==> flow/design.v <==
module alu_rf (clk, we_in, write_addr_in, din_in, raddr0_in, raddr1_in, rdata0_out, rdata1_out);
    parameter ENTRIES = 12;
    parameter DW = 20;
    localparam ADDR_WIDTH = $clog2(ENTRIES);
    input clk;
    input we_in;
    input [ADDR_WIDTH-1:0] write_addr_in;
    input [DW-1:0] din_in;
    input [ADDR_WIDTH-1:0] raddr0_in;
    input [ADDR_WIDTH-1:0] raddr1_in;
    output [DW-1:0] rdata0_out;
    output [DW-1:0] rdata1_out;
    reg [DW-1:0] regs [0:ENTRIES-1];
    always @(posedge clk) begin
        if (we_in)
            regs[write_addr_in] <= din_in;
    end
    assign rdata0_out = (we_in && write_addr_in == raddr0_in) ? din_in : regs[raddr0_in];
    assign rdata1_out = (we_in && write_addr_in == raddr1_in) ? din_in : regs[raddr1_in];
endmodule
==> Step by step through the tools: alu_rf <==
What the tools print for alu_rf, step after step.
Lines are those of the file above, counted from 1.
Cell names lack the library's common part.
{ "design": {"top": "alu_rf", "clk_port": "clk", "cell_library": "sky130hd", "lib_corner": "tt_025C_1v80"} }

==> After elaboration <==
Yosys after proc, flatten, opt, wreduce and memory -nomap, before mapping. Enables and synchronous resets that opt folds into registers are not counted as muxes. Memory bits, and registers merged into a memory's read port (data or address), are not among the register bits. Print and check cells are not counted. Equal cells are merged and count once.
Memory sizes are those after Yosys's memory passes, which may raise the word count (mostly to a power of two), join words into wider ones and drop unused or constant bits.
{ "bits": {"clocked_rd_ports_x_width": 0, "n_memories": 1, "regBits": 0, "romBits": 0, "ram_bits": 240, "latchBits": 0, "out_inout_bits": 40, "wordCells": 10, "inputBits": 34} }
{ "op_classes": {"reduce_and_logical": 2, "n_mul": 0, "div_mod_pow": 0, "muxes": 5, "n_logic": 0, "equal": 2, "addsub": 0, "shift": 0, "compare": 0} }
{ "memory_table": {"columns": ["memory", "size", "width", "rd", "write_ports", "line_no", "rtl"], "rows": [
  ["regs", 12, 20, 2, 1, 13, "reg [DW-1:0] regs [0:ENTRIES-1];"]
]} }
{ "ops": {"columns": ["cell", "count"], "rows": [
  ["20-bit two-way mux", 3],
  ["4-bit == test", 2],
  ["4-bit two-way mux", 1],
  ["1-bit logical AND", 2],
  ["1-bit two-way mux", 1]
]} }

==> Logic depth <==
Depth = most cells in a row (Yosys ltp): at word level without a register or memory, in the mapped netlist without a sequential cell, where the memories' decode and read muxes count.
{ "logic_depth": {"word_depth": 3, "abc_area": 0, "ltp_mapped": 7, "ltp_nobuf": 4} }

==> After synthesis <==
Yosys stat after the flow's synthesis: flattened, memories mapped to cells. It holds for the ABC_AREA given above (unset counts as 0); a run with the other value may have another netlist.
Totals and module areas in this step are rounded.
{ "mapped": {"ff_cells": 240, "mapped_area_um2": 11000, "buffers": 51, "cells": 648, "sequential_area_um2": 7200} }
{ "by_type": {"columns": ["type", "count", "type_area_um2"], "rows": [
  ["edfxtp_1", 240, 7.21E+03],
  ["mux4_2", 82, 1.85E+03],
  ["mux2i_1", 77, 770.739],
  ["mux2_2", 42, 472.954],
  ["o22ai_1", 38, 237.728],
  ["a211o_1", 19, 166.41],
  ["nand2_1", 41, 153.898],
  ["a22oi_1", 19, 142.637],
  ["buf_2", 26, 130.125],
  ["clkbuf_1", 16, 60.058],
  ["xor2_1", 6, 52.55],
  ["nor2_1", 11, 41.29],
  ["buf_4", 4, 30.029],
  ["or3b_2", 3, 26.275],
  ["buf_6", 2, 22.522],
  ["nand3b_1", 3, 22.522],
  ["nor3_1", 4, 20.019],
  ["nand2b_1", 3, 18.768]
]} }
Other cell types: 8; their cells: 12.

==> Worst setup path after synthesis <==
Path of least setup slack by OpenSTA after synthesis, without wires, with an ideal clock, recovery checks aside; 20% of the period is set as input and as output delay. Where synthesis merged equal registers, the netlist keeps one of their names.
{ "synth_path": {"path_type": "input to register", "start": "in write_addr_in[2]", "end": "mem regs[0][0]", "setup_ps": 422, "path_buffers": 0, "tclk_ps": 3650, "input_delay_ps": 730, "slack_ps": 583, "delay_ps": 2336, "launch_ps": 730, "stages": 2, "t_required_ps": 3228, "arrival_ps": 2644, "synth_period_reached_ps": 3067} }
"delay_ps" = arrival - input delay + setup time.
"stages" counts driving pins, that of a launching flip-flop among them; a cell with two outputs on the path counts twice.
"synth_period_reached_ps" = period - worst setup slack (recovery checks aside). The figure is calculated, with input and output delays left at 20% of the set period.
The rows between start and end are the longest chain of elaborated cells between them; the timing report does not say that the signal goes this way. Where chains are equally long, one stands for them.
Each line given opens the expression or statement behind the cell; cells for indexed reads and writes are added by Yosys, which also makes memories of some case tables.
{ "synth_between": {"cell_sequence": "or3b_2 > nor3_1", "elab_chain_cells": 1, "cells_between": 1, "lines_between": 1, "cone_classes": "mux: 1"} }
{ "synth_rtl": {"columns": ["element", "line_no", "rtl"], "rows": [
  ["start: declaration", 7, "input [ADDR_WIDTH-1:0] write_addr_in;"],
  ["4-bit two-way mux", 15, "if (we_in)"],
  ["end: declaration", 13, "reg [DW-1:0] regs [0:ENTRIES-1];"]
]} }

==> Worst path after layout <==
From the final timing report of flow run B: the path of least setup slack in the routed layout; clock arrival at registers is part of the times.
The path's times are printed in steps of 10 ps; the period is the one set.
{ "layout_path": {"path_type": "input to output", "start": "in raddr1_in[3]", "end": "out rdata1_out[7]", "stages": 8, "launch_ps": 710, "input_delay_ps": 710, "arrival_ps": 2820, "path_buffers": 5, "t_required_ps": 2860, "tclk_ps": 3570, "out_delay_ps": 710, "slack_ps": 40} }
The rows between start and end are the longest chain of elaborated cells between them; the timing report does not say that the signal goes this way. Where chains are equally long, one stands for them.
{ "layout_between": {"cell_sequence": "clkdlybuf4s50_1 > xor2_1 > nor4_4 > buf_4 > buf_4 > buf_6 > mux2_2 > dlygate4sd2_1", "elab_chain_cells": 3, "cells_between": 4, "lines_between": 2, "cone_classes": "eq/ne: 1; mux: 1; reduce/logical: 1; memory: 1"} }
{ "layout_rtl": {"columns": ["element", "line_no", "rtl"], "rows": [
  ["start: declaration", 10, "input [ADDR_WIDTH-1:0] raddr1_in;"],
  ["4-bit == test", 19, "assign rdata1_out = (we_in && write_addr_in == raddr1_in) ? din_in : regs[raddr1_in];"],
  ["1-bit logical AND", 19, null],
  ["20-bit two-way mux", 19, null],
  ["end: declaration", 12, "output [DW-1:0] rdata1_out;"]
]} }

Subject: alu_rf on sky130hd, stored results

Hello all,

Record of 3 stored runs of the RTL-to-layout flow on alu_rf, platform sky130hd. The runs are unordered. Constraints: input delay and output delay 20% of the set period each, output load 0.01 pF.
"achieved_period_ps" = clock period - worst setup slack. The figure is calculated, with input and output delays left at 20% of the set period.
"worst_path_allowed_less_slack_ps" is the time allowed to the run's worst setup path (the clock period less input and output delay, where it has them) less its slack. Clock arrival times count: a late capture clock shortens it, a late launch clock lengthens it.
By "final_power_mw" is meant OpenSTA's value without simulated activity: inputs other than the clock are taken to toggle once in ten clock periods, and the tool carries that through the logic.
"worst_path_allowed_less_slack_ps" is given in steps of 10 ps.
Measured values are rounded.

Flow run A
==> flow/run.sh <==
#!/bin/bash
# the make line also repeats the synthesis and layout settings of config.mk as NAME=value (left out here)
make -C /OpenROAD-flow-scripts/flow DESIGN_CONFIG=/design/flow/config.mk WORK_HOME=/design/flow/orfs CLKGATE_MAP_FILE= finish
==> flow/config.mk <==
export PLATFORM = sky130hd
export DESIGN_NAME = alu_rf
export DESIGN_NICKNAME = alu_rf
export VERILOG_FILES = /design/flow/design.v
export SDC_FILE = /design/flow/constraint.sdc
export NUM_CORES = 4
export LEC_CHECK = 0
export ABC_AREA = 0
export CAP_MARGIN = 15
export CELL_PAD_IN_SITES_DETAIL_PLACEMENT = 1
export CORE_ASPECT_RATIO = 0.54
export CORE_MARGIN = 2
export CORE_UTILIZATION = 71
export CTS_CLUSTER_DIAMETER = 48
export MAX_ROUTING_LAYER = met4
export MIN_ROUTING_LAYER = met2
export SLEW_MARGIN = 35
==> flow/constraint.sdc <==
create_clock -name core_clock -period 1.85 [get_ports {clk}]
set_input_delay 0.3700 -clock core_clock [delete_from_list [all_inputs] [get_ports {clk}]]
set_output_delay 0.3700 -clock core_clock [all_outputs]
set_load 0.01 [all_outputs]

==> results of flow run A, as JSON <==
{
  "outcome": "incomplete, placement halted on DPL-0033"
}

Flow run B
==> flow/run.sh <==
#!/bin/bash
# the make line also repeats the synthesis and layout settings of config.mk as NAME=value (left out here)
make -C /OpenROAD-flow-scripts/flow DESIGN_CONFIG=/design/flow/config.mk WORK_HOME=/design/flow/orfs CLKGATE_MAP_FILE= finish
==> flow/config.mk <==
export PLATFORM = sky130hd
export DESIGN_NAME = alu_rf
export DESIGN_NICKNAME = alu_rf
export VERILOG_FILES = /design/flow/design.v
export SDC_FILE = /design/flow/constraint.sdc
export NUM_CORES = 4
export LEC_CHECK = 0
export CAP_MARGIN = 40
export CORE_MARGIN = 9
export CORE_UTILIZATION = 67
export MAX_ROUTING_LAYER = met4
export PLACE_DENSITY_LB_ADDON = 0.07
export SLEW_MARGIN = 20
==> flow/constraint.sdc <==
create_clock -name core_clock -period 3.57 [get_ports {clk}]
set_input_delay 0.7140 -clock core_clock [delete_from_list [all_inputs] [get_ports {clk}]]
set_output_delay 0.7140 -clock core_clock [all_outputs]
set_load 0.01 [all_outputs]

==> results of flow run B, as JSON <==
{
  "achieved_period_ps": 3534,
  "worst_setup_slack_ps": 36,
  "fin_tns_ps": 0,
  "final_power_mw": 6.8,
  "die_area_um2": 22000,
  "ys_area_um2": 11000,
  "worst_path_allowed_less_slack_ps": 2110,
  "path_kind": "input to output",
  "cell_area_final_um2": 14000,
  "ws_hold_ps": 1000,
  "post_route_util_pct": 83
}

Flow run C
==> flow/run.sh <==
#!/bin/bash
# the make line also repeats the synthesis and layout settings of config.mk as NAME=value (left out here)
make -C /OpenROAD-flow-scripts/flow DESIGN_CONFIG=/design/flow/config.mk WORK_HOME=/design/flow/orfs CLKGATE_MAP_FILE= finish
==> flow/config.mk <==
export PLATFORM = sky130hd
export DESIGN_NAME = alu_rf
export DESIGN_NICKNAME = alu_rf
export VERILOG_FILES = /design/flow/design.v
export SDC_FILE = /design/flow/constraint.sdc
export NUM_CORES = 4
export LEC_CHECK = 0
export CAP_MARGIN = 20
export CORE_MARGIN = 2
export CORE_UTILIZATION = 40
export SLEW_MARGIN = 20
==> flow/constraint.sdc <==
create_clock -name core_clock -period 3.65 [get_ports {clk}]
set_input_delay 0.7300 -clock core_clock [delete_from_list [all_inputs] [get_ports {clk}]]
set_output_delay 0.7300 -clock core_clock [all_outputs]
set_load 0.01 [all_outputs]

==> results of flow run C, as JSON <==
{
  "achieved_period_ps": 3554,
  "worst_setup_slack_ps": 96,
  "fin_tns_ps": 0,
  "final_power_mw": 6.7,
  "die_area_um2": 30000,
  "ys_area_um2": 11000,
  "worst_path_allowed_less_slack_ps": 2090,
  "path_kind": "input to output",
  "cell_area_final_um2": 14000,
  "ws_hold_ps": 1000,
  "post_route_util_pct": 50
}

Thanks
